==> flow/design.v <==
module reg_file #(
   parameter ENTRIES = 48,
   parameter WIDTH = 32,
   parameter ADDR_W = $clog2(ENTRIES)
) (
   input logic clock,
   input logic i_rst,
   input logic wen_i,
   input logic [ADDR_W-1:0] wr_addr_i,
   input logic [WIDTH-1:0] d_i,
   input logic [ADDR_W-1:0] read_addr0_i,
   input logic [ADDR_W-1:0] read_addr1_i,
   output logic [WIDTH-1:0] rdata0_o,
   output logic [WIDTH-1:0] rdata1_o
);
   logic [WIDTH-1:0] gpr [ENTRIES-1:0];
   always_ff @(posedge clock) begin
      if (i_rst) begin
         for (int n = 0; n < ENTRIES; n++)
            gpr[n] <= 0;
      end else if (wen_i) begin
         gpr[wr_addr_i] <= d_i;
      end
   end
   logic [WIDTH-1:0] rdata0_r;
   always_ff @(posedge clock) begin
      if (i_rst) begin
         rdata0_r <= 0;
      end else begin
         rdata0_r <= gpr[read_addr0_i];
      end
   end
   assign rdata0_o = rdata0_r;
   logic [WIDTH-1:0] rdata1_r;
   always_ff @(posedge clock) begin
      if (i_rst) begin
         rdata1_r <= 0;
      end else begin
         rdata1_r <= gpr[read_addr1_i];
      end
   end
   assign rdata1_o = rdata1_r;
endmodule
### From RTL to reports: reg_file

Tool output for the design above, in the order of the flow.
Lines are those of the file above, counted from 1.
Library cell names are shortened.
The mark - stands for no value.

| set-up | value |
|---|---|
| top | reg_file |
| clock input | clock |
| cell library | sky130hd |
| library corner | tt_025C_1v80 |

### Word-level counts

Counts by Yosys on the flattened word-level netlist (proc, flatten, opt, wreduce; memories kept). Register bits leave out memories and registers merged into their read ports (data or address); mux counts leave out enables and synchronous resets folded into registers. Print and check cells are left out. Cells with the same type and inputs are merged into one.
Memory sizes are those after Yosys's memory passes, which may raise the word count (mostly to a power of two), join words into wider ones and drop unused or constant bits.

| operators by class | value |
|---|---|
| multiplexer cells | 7 |

Operator list:

| cell | number |
|---|---|
| 2-to-1 mux 32 bit | 2 |
| 2-to-1 mux 6 bit | 2 |
| 2-to-1 mux 1 bit | 3 |

| storage and ports | value |
|---|---|
| output and inout port bits | 64 |
| bits of input ports | 53 |
| memory bits (writable) | 2048 |
| cells after elaboration | 8 |
| memory cells | 1 |
| flip-flop bits (word level) | 0 |

Memory list:

| name | depth | width | line | text |
|---|---|---|---|---|
| gpr | 64 | 32 | 16 | `logic [WIDTH-1:0] gpr [ENTRIES-1:0];` |

### Depth

Depth = most cells in a row (Yosys ltp): at word level without a register or memory, in the mapped netlist without a sequential cell, where the memories' decode and read muxes count.

| logic depth | value |
|---|---|
| depth after elaboration | 2 |
| ABC_AREA | 0 |
| gate-level depth with buffers | 11 |
| gate-level depth less buffers | 5 |

### Mapped cells and area

Yosys stat after the flow's synthesis: flattened, memories mapped to cells. It holds for the ABC_AREA given above (unset counts as 0); a run with the other value may have another netlist.
Totals and module areas in this step are rounded.

Cell types:

| cell type | number | area in all (um2) |
|---|---|---|
| edfxtp_1 | 2048 | 6.15E+04 |
| mux4_2 | 1071 | 2.41E+04 |
| and2_1 | 1539 | 9.63E+03 |
| mux2i_1 | 339 | 3.39E+03 |
| clkbuf_1 | 411 | 1542.73 |
| dfxtp_1 | 64 | 1.28E+03 |
| mux2_2 | 77 | 867.082 |
| buf_2 | 116 | 580.557 |
| buf_4 | 77 | 578.054 |
| nor2_1 | 107 | 401.635 |
| or2_2 | 53 | 331.568 |
| a22oi_1 | 42 | 315.302 |
| o22ai_1 | 50 | 312.8 |
| nand2_1 | 78 | 292.781 |
| buf_6 | 21 | 236.477 |
| nor2b_1 | 37 | 231.472 |
| a21oi_1 | 45 | 225.216 |
| o211ai_1 | 22 | 165.158 |

Other cell types: 47; their cells: 269.

| mapped netlist | value |
|---|---|
| flip-flops | 2112 |
| mapped cells | 6466 |
| sequential part of the area | 62800 um2 |
| cell area after synthesis | 108000 um2 |

### Path before layout

Path of least setup slack by OpenSTA after synthesis, without wires, with an ideal clock, recovery checks aside; 20% of the period is set as input and as output delay. Where synthesis merged equal registers, the netlist keeps one of their names.

| timing path post-synthesis | value |
|---|---|
| kind | in2reg |
| start point | in wr_addr_i[0] |
| end point | mem (no name shown) |
| data required time | 3.379 ns |
| launch time at the first pin | 0.760 ns |
| input delay | 0.760 ns |
| period | 3.8 ns |
| slack | 0.611 ns |
| library setup time | 0.421 ns |
| delay of the path | 2.429 ns |
| path buffers | 0 |
| arrival time | 2.768 ns |
| driving pins on the path | 3 |
| synthesis period reached | 3.189 ns |

"delay of the path" = arrival - input delay + setup time.
"driving pins on the path": output pins that drive a net of the path, with the launching flip-flop's if there is one; two outputs of one cell count as two.
"synthesis period reached" = period - worst setup slack (recovery checks aside). The figure is calculated, with input and output delays left at 20% of the set period.
The rows between start and end are the longest chain of elaborated cells between them; the timing report does not say that the signal goes this way. Where chains are equally long, one stands for them.
A line is the first line of the expression or statement that the cell stems from. Yosys adds cells for indexed reads and writes and turns some case tables into memories.

| on the way, post-synthesis | value |
|---|---|
| cells stage by stage | nor3b_1 > nand3_1 > nor2_1 |
| cells in the longest elaborated chain | 2 |
| elaborated cells between the ends (all ways) | 2 |
| source lines of those cells | 2 |
| those cells by class | mux: 2 |

RTL lines, path post-synthesis:

| item | line | text |
|---|---|---|
| start, declared | 9 | `input logic [ADDR_W-1:0] wr_addr_i,` |
| 2-to-1 mux 6 bit | 21 | `end else if (wen_i) begin` |
| 2-to-1 mux 6 bit | 18 | `if (i_rst) begin` |

### Timing after layout

Path of least setup slack in the final report of run 1 (OpenROAD, finished layout, wires in). Where an end is a register, its clock arrival counts in the times.

| timing path post-layout | value |
|---|---|
| kind | in2reg |
| start point | in read_addr1_i[0] |
| end point | reg rdata1_r[1] |
| library setup time | 0.10 ns |
| period | 5.78 ns |
| slack | 1.91 ns |
| path buffers | 3 |
| driving pins on the path | 8 |
| input delay | 1.16 ns |
| launch time at the first pin | 1.16 ns |
| data required time | 6.59 ns |
| arrival time | 4.68 ns |

| on the way, post-layout | value |
|---|---|
| cells stage by stage | buf_8 > buf_4 > mux4_2 > nor2b_1 > a2111oi_1 > a41oi_1 > nor4b_1 > buf_4 |

RTL lines, path post-layout:

| item | line | text |
|---|---|---|
| start, declared | 12 | `input logic [ADDR_W-1:0] read_addr1_i,` |
| end, declared | 34 | `logic [WIDTH-1:0] rdata1_r;` |

Chain of elaborated cells between the ends: none given.

# Flow runs of reg_file

Top module reg_file; platform sky130hd; tools Yosys and OpenROAD; 2 stored runs in no particular order. Input and output delays are each 20% of the period that was set; the output load is 0.01 pF.
"period achieved" means the clock period less the worst setup slack. The figure is calculated, with input and output delays left at 20% of the set period.
"critical path time": the worst setup path's part of the clock period (all of it between registers, 20% less for each end at a port) less its slack. A launch clock that arrives late makes it longer, a capture clock that arrives late makes it shorter.
"total design power": no workload was simulated; the value follows from the tool's default switching activity.
Results are given in rounded form.
Settings: n/a = not set for that run.

| run | period_ns | CORE_UTILIZATION | PLACE_DENSITY_LB_ADDON | CORE_ASPECT_RATIO | TNS_END_PERCENT | ABC_AREA | GPL_ROUTABILITY_DRIVEN | CTS_CLUSTER_SIZE | CAP_MARGIN | CORE_MARGIN | SLEW_MARGIN | Yosys chip area after synthesis (um2) | area of the die (um2) | standard-cell area after routing (um2) | post-layout utilization (%) | smallest setup slack (ns) | total negative slack on setup checks (ns) | final worst hold slack (ns) | total design power (µW) | period achieved (ns) | critical path time (ns) | class of the worst setup path |
|---|---|---|---|---|---|---|---|---|---|---|---|---|---|---|---|---|---|---|---|---|---|---|
| run 1 | 5.78 | 32 | 0.07 | 1.86 | 15 | 0 | 0 | 29 | 20 | 2 | 20 | 108000 | 342000 | 122000 | 36.5 | 1.91 | 0.000 | 0.779 | 36300 | 3.867 | 2.71 | in2reg |
| run 2 | 3.8 | 40 | n/a | n/a | n/a | n/a | n/a | n/a | 20 | 2 | 20 | 108000 | 274000 | 124000 | 46.4 | 0.698 | 0.000 | 0.346 | 57000 | 3.102 | 2.34 | reg2out |
